==> flow/design.v <==
module selector #(
    parameter DWIDTH = 2,
    parameter N_IN = 20,
    parameter SW = $clog2(N_IN)
) (
    input wire clk,
    input wire [N_IN*DWIDTH-1:0] in,
    input wire [SW-1:0] idx,
    output wire [DWIDTH-1:0] y
);
    wire [DWIDTH-1:0] lanes [0:N_IN-1];
    genvar k;
    generate
        for (k = 0; k < N_IN; k = k + 1) begin : stage
            assign lanes[k] = in[k*DWIDTH +: DWIDTH];
        end
    endgenerate
    reg [DWIDTH-1:0] y_r;
    always @(posedge clk) begin
        y_r <= lanes[idx];
    end
    assign y = y_r;
endmodule
Hand-over note for selector

=== From RTL to reports: selector ===
A sweep over "DWIDTH": the same steps for each member of the family.
The RTL above is that of DWIDTH 2; lines are counted from 1 in the file of the member named.
Library cell names are shortened.
The mark - stands for no value.

* Design top: selector
* Clock: clk
* Cell library: sky130hd
* Timing corner: tt_025C_1v80

=== Source of the members ===
Lines of each other member's file that are new or changed against the file above; lines that a member lacks are not shown.

{| class="wikitable"
|+ Lines new or changed
! DWIDTH !! RTL line !! RTL
|-
| 4 || 2 || <nowiki>parameter DWIDTH = 4,</nowiki>
|-
| 6 || 2 || <nowiki>parameter DWIDTH = 6,</nowiki>
|-
| 10 || 2 || <nowiki>parameter DWIDTH = 10,</nowiki>
|}

=== Word level ===
Source: Yosys, flattened and elaborated, memories not mapped. Widths are those after wreduce; folded enables and synchronous resets count as part of the registers. Registers that Yosys merges into a memory's read port (data or address) are not register bits. Print and check cells do not count. Equal cells are merged and count once.

{| class="wikitable"
|+ Storage and ports
! DWIDTH !! memories !! register bits !! bits in latches !! ROM bits !! clocked read ports x word width !! bits in writable memories
|-
| 2 || 0 || 2 || 0 || 0 || 0 || 0
|-
| 4 || 0 || 4 || 0 || 0 || 0 || 0
|-
| 6 || 0 || 6 || 0 || 0 || 0 || 0
|-
| 10 || 0 || 10 || 0 || 0 || 0 || 0
|}

{| class="wikitable"
|+ Operators by class
! DWIDTH !! div/mod/pow operators !! bitwise operators !! reduce/logical cells !! add/subtract/negate cells !! $mul !! order comparisons !! equality and inequality tests !! shift operators !! mux-type cells
|-
| 2 || 0 || 0 || 1 || 0 || 0 || 0 || 19 || 0 || 1
|-
| 4 || 0 || 0 || 1 || 0 || 0 || 0 || 19 || 0 || 1
|-
| 6 || 0 || 0 || 1 || 0 || 0 || 0 || 19 || 0 || 1
|-
| 10 || 0 || 0 || 1 || 0 || 0 || 0 || 19 || 0 || 1
|}

{| class="wikitable"
|+ Operators by type and width
! DWIDTH !! kinds with counts
|-
| 2 || 8 x equality test 5 x 4 -> 1 bit with constant B; 1 x parallel mux 2 bit (select 20 bit); 4 x equality test 5 x 3 -> 1 bit with constant B; 4 x equality test 5 bit with constant B; 2 x equality test 5 x 2 -> 1 bit with constant B; 1 x equality test 5 x 1 -> 1 bit with constant B; 1 x zero test 5 bit
|-
| 4 || 1 x parallel mux 4 bit (select 20 bit); 8 x equality test 5 x 4 -> 1 bit with constant B; 4 x equality test 5 x 3 -> 1 bit with constant B; 4 x equality test 5 bit with constant B; 2 x equality test 5 x 2 -> 1 bit with constant B; 1 x equality test 5 x 1 -> 1 bit with constant B; 1 x zero test 5 bit
|-
| 6 || 1 x parallel mux 6 bit (select 20 bit); 8 x equality test 5 x 4 -> 1 bit with constant B; 4 x equality test 5 x 3 -> 1 bit with constant B; 4 x equality test 5 bit with constant B; 2 x equality test 5 x 2 -> 1 bit with constant B; 1 x equality test 5 x 1 -> 1 bit with constant B; 1 x zero test 5 bit
|-
| 10 || 1 x parallel mux 10 bit (select 20 bit); 8 x equality test 5 x 4 -> 1 bit with constant B; 4 x equality test 5 x 3 -> 1 bit with constant B; 4 x equality test 5 bit with constant B; 2 x equality test 5 x 2 -> 1 bit with constant B; 1 x equality test 5 x 1 -> 1 bit with constant B; 1 x zero test 5 bit
|}

=== Depth ===
Depth = most cells in a row (Yosys ltp): at word level without a register or memory, in the mapped netlist without a sequential cell, where the memories' decode and read muxes count.

{| class="wikitable"
|+ Depth
! DWIDTH !! depth in word-level cells !! ABC_AREA !! mapped depth
|-
| 2 || 2 || 0 || 6
|-
| 4 || 2 || 0 || 7
|-
| 6 || 2 || 0 || 8
|-
| 10 || 2 || 0 || 8
|}

=== Synthesis result ===
The flow's flattened synthesis, as Yosys stat reports it; memories are mapped. The netlist is that of the ABC_AREA named above (0 if unset); the other value can give another one.

{| class="wikitable"
|+ Mapped netlist
! DWIDTH !! sequential part of the area (um^2) !! flip-flop cells !! standard cells after synthesis !! buffer cells !! cell area after synthesis (um^2)
|-
| 2 || 40.0 || 2 || 78 || 8 || 614.3
|-
| 4 || 80.1 || 4 || 129 || 12 || 1001.0
|-
| 6 || 120.1 || 6 || 191 || 21 || 1385.1
|-
| 10 || 200.2 || 10 || 300 || 34 || 2255.9
|}

{| class="wikitable"
|+ Cells by type
! DWIDTH !! types with counts
|-
| 2 || 7 x mux2i_1; 4 x mux2_2; 6 x nand3b_1; 2 x dfxtp_1; 3 x buf_6; 5 x buf_2; 4 x nand2b_1; 3 x nor3b_1; 2 x nor4bb_1; 4 x o21ai_0; 5 x nor2_1; 2 x a32oi_1; 2 x o32ai_1; 1 x a41oi_2; 1 x a2111oi_2; 4 x nand2_1; 1 x a211oi_2; 2 x and3_1; [+20]
|-
| 4 || 4 x dfxtp_1; 6 x mux2_2; 6 x mux2i_1; 12 x nand3_1; 5 x mux2_1; 9 x nand4_1; 4 x buf_6; 6 x a31oi_1; 4 x nor3b_1; 3 x o32a_1; 3 x a32oi_1; 5 x buf_2; 5 x nor3_1; 1 x mux4_2; 6 x nand2_1; 3 x nand3b_1; 3 x and3_1; 3 x nor2b_1; [+41]
|-
| 6 || 26 x nand3_1; 6 x dfxtp_1; 8 x mux2i_1; 12 x a31oi_1; 8 x a22o_1; 12 x buf_2; 6 x a32oi_1; 6 x a22oi_1; 4 x mux2_2; 2 x mux4_2; 6 x nand2b_1; 5 x nor2b_1; 6 x a21oi_1; 8 x nand2_1; 6 x nor3_1; 6 x o21ai_0; 3 x o32a_1; 3 x a311oi_1; [+58]
|-
| 10 || 10 x dfxtp_1; 20 x a32oi_1; 17 x mux2i_1; 11 x mux2_2; 12 x a22o_1; 21 x buf_2; 21 x nand3_1; 16 x a31oi_1; 8 x o32a_1; 7 x buf_6; 15 x o21ai_0; 9 x a22oi_1; 18 x nand2_1; 10 x and3_1; 13 x nor2_1; 7 x nand4_1; 4 x a32o_1; 6 x nor2b_1; [+75]
|}

A list marked [+n] leaves out that many cells.

=== Path before layout ===
OpenSTA on the mapped netlist: ideal clock, no wires. The path of least setup slack (recovery checks aside). Input and output delay are each 20% of the period. Register names are those of the netlist, which keeps one name where synthesis merged equal registers.

{| class="wikitable"
|+ Path post-synthesis
! DWIDTH !! path kind !! from !! to !! period (ns) !! stages on the path !! path delay (ns) !! path slack (ns) !! synthesis period reached (ns)
|-
| 2 || input to register || input port idx[4] || register y_r[0] || 1.73 || 5 || 1.107 || 0.277 || 1.453
|-
| 4 || input to register || input port idx[2] || register y_r[0] || 1.85 || 5 || 1.183 || 0.297 || 1.553
|-
| 6 || input to register || input port idx[1] || register y_r[4] || 2.05 || 7 || 1.315 || 0.325 || 1.725
|-
| 10 || input to register || input port idx[1] || register y_r[3] || 2.16 || 7 || 1.380 || 0.349 || 1.811
|}

"path delay" is the arrival time less input delay plus setup time.
"stages on the path" counts driving pins, that of a launching flip-flop among them; a cell with two outputs on the path counts twice.
"synthesis period reached" = period - worst setup slack (recovery checks aside). The figure is calculated, with input and output delays left at 20% of the set period.
The rows between start and end are the longest chain of elaborated cells between them; the timing report does not say that the signal goes this way. Where chains are equally long, one stands for them.
A line is the first line of the expression or statement that the cell stems from. Yosys adds cells for indexed reads and writes and turns some case tables into memories.

On the way, post-synthesis, DWIDTH 2:
* Length of the longest elaborated chain: 2

{| class="wikitable"
|+ Ends and longest elaborated chain, post-synthesis, DWIDTH 2
! element !! RTL line !! RTL
|-
| start, declared || 8 || <nowiki>input wire [SW-1:0] idx,</nowiki>
|-
| equality test 5 bit || 20 || <nowiki>y_r <= lanes[idx];</nowiki>
|-
| parallel mux 2 bit (select 20 bit) || 20 ||
|-
| end, assigned || 20 ||
|-
| end, declared || 18 || <nowiki>reg [DWIDTH-1:0] y_r;</nowiki>
|}

On the way, post-synthesis, DWIDTH 10:
* Length of the longest elaborated chain: 2

{| class="wikitable"
|+ Ends and longest elaborated chain, post-synthesis, DWIDTH 10
! element !! RTL line !! RTL
|-
| start, declared || 8 || <nowiki>input wire [SW-1:0] idx,</nowiki>
|-
| equality test 5 bit || 20 || <nowiki>y_r <= lanes[idx];</nowiki>
|-
| parallel mux 10 bit (select 20 bit) || 20 ||
|-
| end, assigned || 20 ||
|-
| end, declared || 18 || <nowiki>reg [DWIDTH-1:0] y_r;</nowiki>
|}

=== Timing after layout ===
From the final timing report of the run of each member: the path of least setup slack in the routed layout; clock arrival at registers is part of the times.

{| class="wikitable"
|+ Path post-layout
! DWIDTH !! path kind !! from !! to !! period (ns) !! path slack (ns) !! arrival (ns) !! stages on the path
|-
| 2 || input to register || input port in[20] || register y_r[0] || 1.73 || 0.11 || 1.72 || 6
|-
| 4 || input to register || input port in[29] || register y_r[1] || 1.85 || -0.01 || 1.99 || 6
|-
| 6 || input to register || input port idx[2] || register y_r[3] || 2.05 || -0.04 || 2.27 || 7
|-
| 10 || input to register || input port idx[2] || register y_r[0] || 2.16 || 0.24 || 2.11 || 6
|}

=== Measured runs ===
Settings and results of one run of the flow (Yosys, OpenROAD) for each member follow. The constraints put input and output delay at 20% of the set period each and load the outputs with 0.01 pF.

* CAP_MARGIN: 20
* CORE_MARGIN: 2
* CORE_UTILIZATION: 40
* SLEW_MARGIN: 20

{| class="wikitable"
|+ Settings that differ
! DWIDTH !! period_ns
|-
| 2 || 1.73
|-
| 4 || 1.85
|-
| 6 || 2.05
|-
| 10 || 2.16
|}

{| class="wikitable"
|+ Final reports
! DWIDTH !! final worst hold slack (ns) !! clock period reached (ns) !! Yosys chip area after synthesis (um^2) !! total negative slack (ns) !! area of the die (um^2) !! lowest setup slack (ns) !! standard-cell area after layout (um^2) !! power consumption (mW) !! post-route utilization
|-
| 2 || 0.710 || 1.624 || 614.3 || 0.000 || 1865.4 || 0.106 || 1246.2 || 0.4270 || 0.847
|-
| 4 || 0.737 || 1.859 || 1001.0 || -0.009 || 2918.7 || -0.009 || 2172.1 || 0.6896 || 0.893
|-
| 6 || 0.779 || 2.087 || 1385.1 || -0.070 || 3949.5 || -0.037 || 3105.5 || 0.8914 || 0.931
|-
| 10 || 0.789 || 1.923 || 2255.9 || 0.000 || 6256.8 || 0.237 || 4698.3 || 1.315 || 0.858
|}

"clock period reached" = clock period - worst setup slack. The figure is calculated, with input and output delays left at 20% of the set period.
"power consumption" rests on the timing tool's default activity at the inputs, not on a simulated workload.

End of note.
